==> flow/design.v <==
module ex_regfile #(
    parameter NREGS = 24,
    parameter WD = 10,
    parameter AW = $clog2(NREGS)
) (
    input  wire sys_clk,
    input  wire we_i,
    input  wire [AW-1:0] wr_addr_i,
    input  wire [WD-1:0] write_data_i,
    input  wire [AW-1:0] rd_idx_i,
    output reg [WD-1:0] rd_data_o
);
    reg we_reg;
    reg [AW-1:0] wr_addr_reg;
    reg [WD-1:0] write_data_reg;
    always @(posedge sys_clk) begin
        we_reg <= we_i;
        wr_addr_reg <= wr_addr_i;
        write_data_reg <= write_data_i;
    end
    reg [WD-1:0] gpr [NREGS-1:0];
    always @(posedge sys_clk) begin
        if (we_reg)
            gpr[wr_addr_reg] <= write_data_reg;
    end
    reg [AW-1:0] rd_idx_reg;
    always @(posedge sys_clk) begin
        rd_idx_reg <= rd_idx_i;
        rd_data_o <= gpr[rd_idx_reg];
    end
endmodule
### Tool chain data of ex_regfile

What the tools print for ex_regfile, step after step.
Line numbers count from 1 in the design file above.
Library cell names are shortened.
A cell with -- has no value.

| inputs | value |
|---|---|
| top module | ex_regfile |
| clock input | sys_clk |
| standard-cell library | sky130hd |
| corner | tt_025C_1v80 |

### After elaboration

Yosys after proc, flatten, opt, wreduce and memory -nomap, before mapping. Enables and synchronous resets that opt folds into registers are not counted as muxes. Memory bits, and registers merged into a memory's read port (data or address), are not among the register bits. Print and check cells are not counted. Equal cells are merged and count once.
Memory sizes are those after Yosys's memory passes, which may raise the word count (mostly to a power of two), join words into wider ones and drop unused or constant bits.

| operators by class | value |
|---|---|
| mux-type cells | 3 |

Operator list:

| cell | count |
|---|---|
| 10-bit two-way mux | 1 |
| 5-bit two-way mux | 1 |
| 1-bit two-way mux | 1 |

| word-level totals | value |
|---|---|
| bits in registers | 21 |
| bits in writable memories | 240 |
| clocked read ports x word width | 10 |
| memory cells | 1 |
| bits of input ports | 22 |
| output and inout port bits | 10 |

Memory list:

| memory | words | width | rd ports | write ports | line | RTL |
|---|---|---|---|---|---|---|
| gpr | 24 | 10 | 1 | 1 | 21 | `reg [WD-1:0] gpr [NREGS-1:0];` |

### Depth

Depth = most cells in a row (Yosys ltp): at word level without a register or memory, in the mapped netlist without a sequential cell, where the memories' decode and read muxes count.

| depth | value |
|---|---|
| word-level depth | 1 |
| ABC_AREA | 0 |
| gate-level depth with buffers | 8 |
| gate-level depth less buffers | 4 |

### After synthesis

Source: synth_stat.txt of the flow (Yosys; design flattened, memories mapped). It holds for the ABC_AREA given above (unset counts as 0); a run with the other value may have another netlist.
Totals and module areas in this step are rounded.

| mapped netlist | value |
|---|---|
| cells in the netlist | 502 |
| chip area (Yosys) | 10,100 um^2 |
| flip-flops | 271 |
| buffer cells | 22 |

Cell types:

| cell | count |
|---|---|
| edfxtp_1 | 240 |
| dfxtp_1 | 31 |
| mux2i_1 | 55 |
| mux4_2 | 19 |
| mux4_1 | 16 |
| a22oi_1 | 15 |
| nand3_1 | 21 |
| nor2_1 | 28 |
| buf_6 | 6 |
| mux2_2 | 5 |
| nand2_1 | 12 |
| a2bb2oi_1 | 5 |
| a32oi_1 | 5 |
| o2111ai_1 | 5 |
| nand2b_1 | 6 |
| nand3b_1 | 4 |
| clkbuf_1 | 7 |
| nor2b_1 | 4 |

Not listed: further types 8, cells in them 18.

### Timing after synthesis

Path of least setup slack by OpenSTA after synthesis, without wires, with an ideal clock, recovery checks aside; 20% of the period is set as input and as output delay. Where synthesis merged equal registers, the netlist keeps one of their names.

| path post-synthesis | value |
|---|---|
| path kind | register -> register |
| start point | register we_reg |
| end point | memory gpr[0][0] |
| clock period | 2,220 ps |
| launch time at the first pin | 0 ps |
| arrival | 1,399 ps |
| required time | 1,844 ps |
| slack | 444 ps |
| path delay | 1,775 ps |
| stages | 4 |
| synthesis period reached | 1,776 ps |

"path delay" = arrival - input delay + setup time.
"stages" counts driving pins, that of a launching flip-flop among them; a cell with two outputs on the path counts twice.
"synthesis period reached" is the clock period less the worst setup slack; recovery checks do not enter. This is arithmetic on one report: input and output delays are still those of the set period (20% each).
Between the ends stands the longest chain of elaborated cells between them, by number of cells; it is not shown to be the way that was timed. Of several equally long chains one is given.
Each line given opens the expression or statement behind the cell; cells for indexed reads and writes are added by Yosys, which also makes memories of some case tables.
The path ends at the enable pin of a flip-flop; only ways to that pin are counted.

| on the way, post-synthesis | value |
|---|---|
| cells stage by stage | dfxtp_1 or3b_2 clkbuf_1 nor2_1 |
| cells in the longest elaborated chain | 1 |

Ends and longest elaborated chain, post-synthesis:

| what | line | RTL |
|---|---|---|
| start: declaration | 13 | `reg we_reg;` |
| start: assignment | 17 | `we_reg <= we_i;` |
| 5-bit two-way mux | 23 | `if (we_reg)` |
| end: declaration | 21 | `reg [WD-1:0] gpr [NREGS-1:0];` |

### Timing after layout

From the final timing report of record 1: the path of least setup slack in the routed layout; clock arrival at registers is part of the times.
The path's times are printed in steps of 10 ps; the period is the one set.

| path post-layout | value |
|---|---|
| path kind | register -> register |
| start point | register rd_idx_reg[2] |
| end point | register rd_data_o[4] |
| clock period | 1,780 ps |
| launch time at the first pin | 510 ps |
| arrival | 2,310 ps |
| required time | 2,170 ps |
| slack | -140 ps |
| stages | 7 |

| on the way, post-layout | value |
|---|---|
| cells stage by stage | dfxtp_1 buf_4 buf_4 mux2i_1 nand3_1 o2111ai_2 nand3_1 |

Ends and longest elaborated chain, post-layout:

| what | line | RTL |
|---|---|---|
| start: declaration | 26 | `reg [AW-1:0] rd_idx_reg;` |
| start: assignment | 28 | `rd_idx_reg <= rd_idx_i;` |
| end: declaration | 11 | `output reg [WD-1:0] rd_data_o` |

Chain of elaborated cells between the ends: none given.

Design ex_regfile on sky130hd. What follows are 3 stored runs of the flow, each under its own settings; their order means nothing. The constraints put input and output delay at 20% of the set period each and load the outputs with 0.01 pF.
By "total power after layout" is meant OpenSTA's value without simulated activity: inputs other than the clock are taken to toggle once in ten clock periods, and the tool carries that through the logic.
Results are given in rounded form.
A setting shown as - is not set for that run.

| run name | period_ns | CORE_UTILIZATION | SETUP_SLACK_MARGIN | PLACE_DENSITY_LB_ADDON | HOLD_SLACK_MARGIN | CELL_PAD_IN_SITES_GLOBAL_PLACEMENT | CELL_PAD_IN_SITES_DETAIL_PLACEMENT | GPL_TIMING_DRIVEN | GPL_ROUTABILITY_DRIVEN | CTS_CLUSTER_DIAMETER | MAX_ROUTING_LAYER | CAP_MARGIN | CORE_MARGIN | SLEW_MARGIN | CORE_ASPECT_RATIO | ABC_AREA | CTS_CLUSTER_SIZE | cell area after synthesis (um^2) | die outline area (um^2) | standard-cell area of the final layout (um^2) | setup slack of the worst path (ps) | total negative setup slack (ps) | smallest hold slack (ps) | total power after layout (uW) |
|---|---|---|---|---|---|---|---|---|---|---|---|---|---|---|---|---|---|---|---|---|---|---|---|---|
| record 1 | 1.78 | 58 | 0.26 | 0.28 | 0.22 | 1 | 0 | 0 | 1 | 253 | met4 | 20 | 2 | 20 | - | - | - | 10,100 | 18,500 | 12,700 | -144 | -871 | 264 | 13,700 |
| record 2 | 2.22 | 40 | - | - | - | - | - | - | - | - | - | 20 | 2 | 20 | - | - | - | 10,100 | 26,500 | 11,900 | 177 | 0 | 370 | 10,500 |
| record 3 | 2.7 | 17 | 0.47 | 0.25 | - | 1 | 0 | - | - | 21 | - | 15 | 8 | 20 | 1.27 | 1 | 43 | 10,900 | 72,400 | 15,400 | 542 | 0 | 398 | 15,600 |
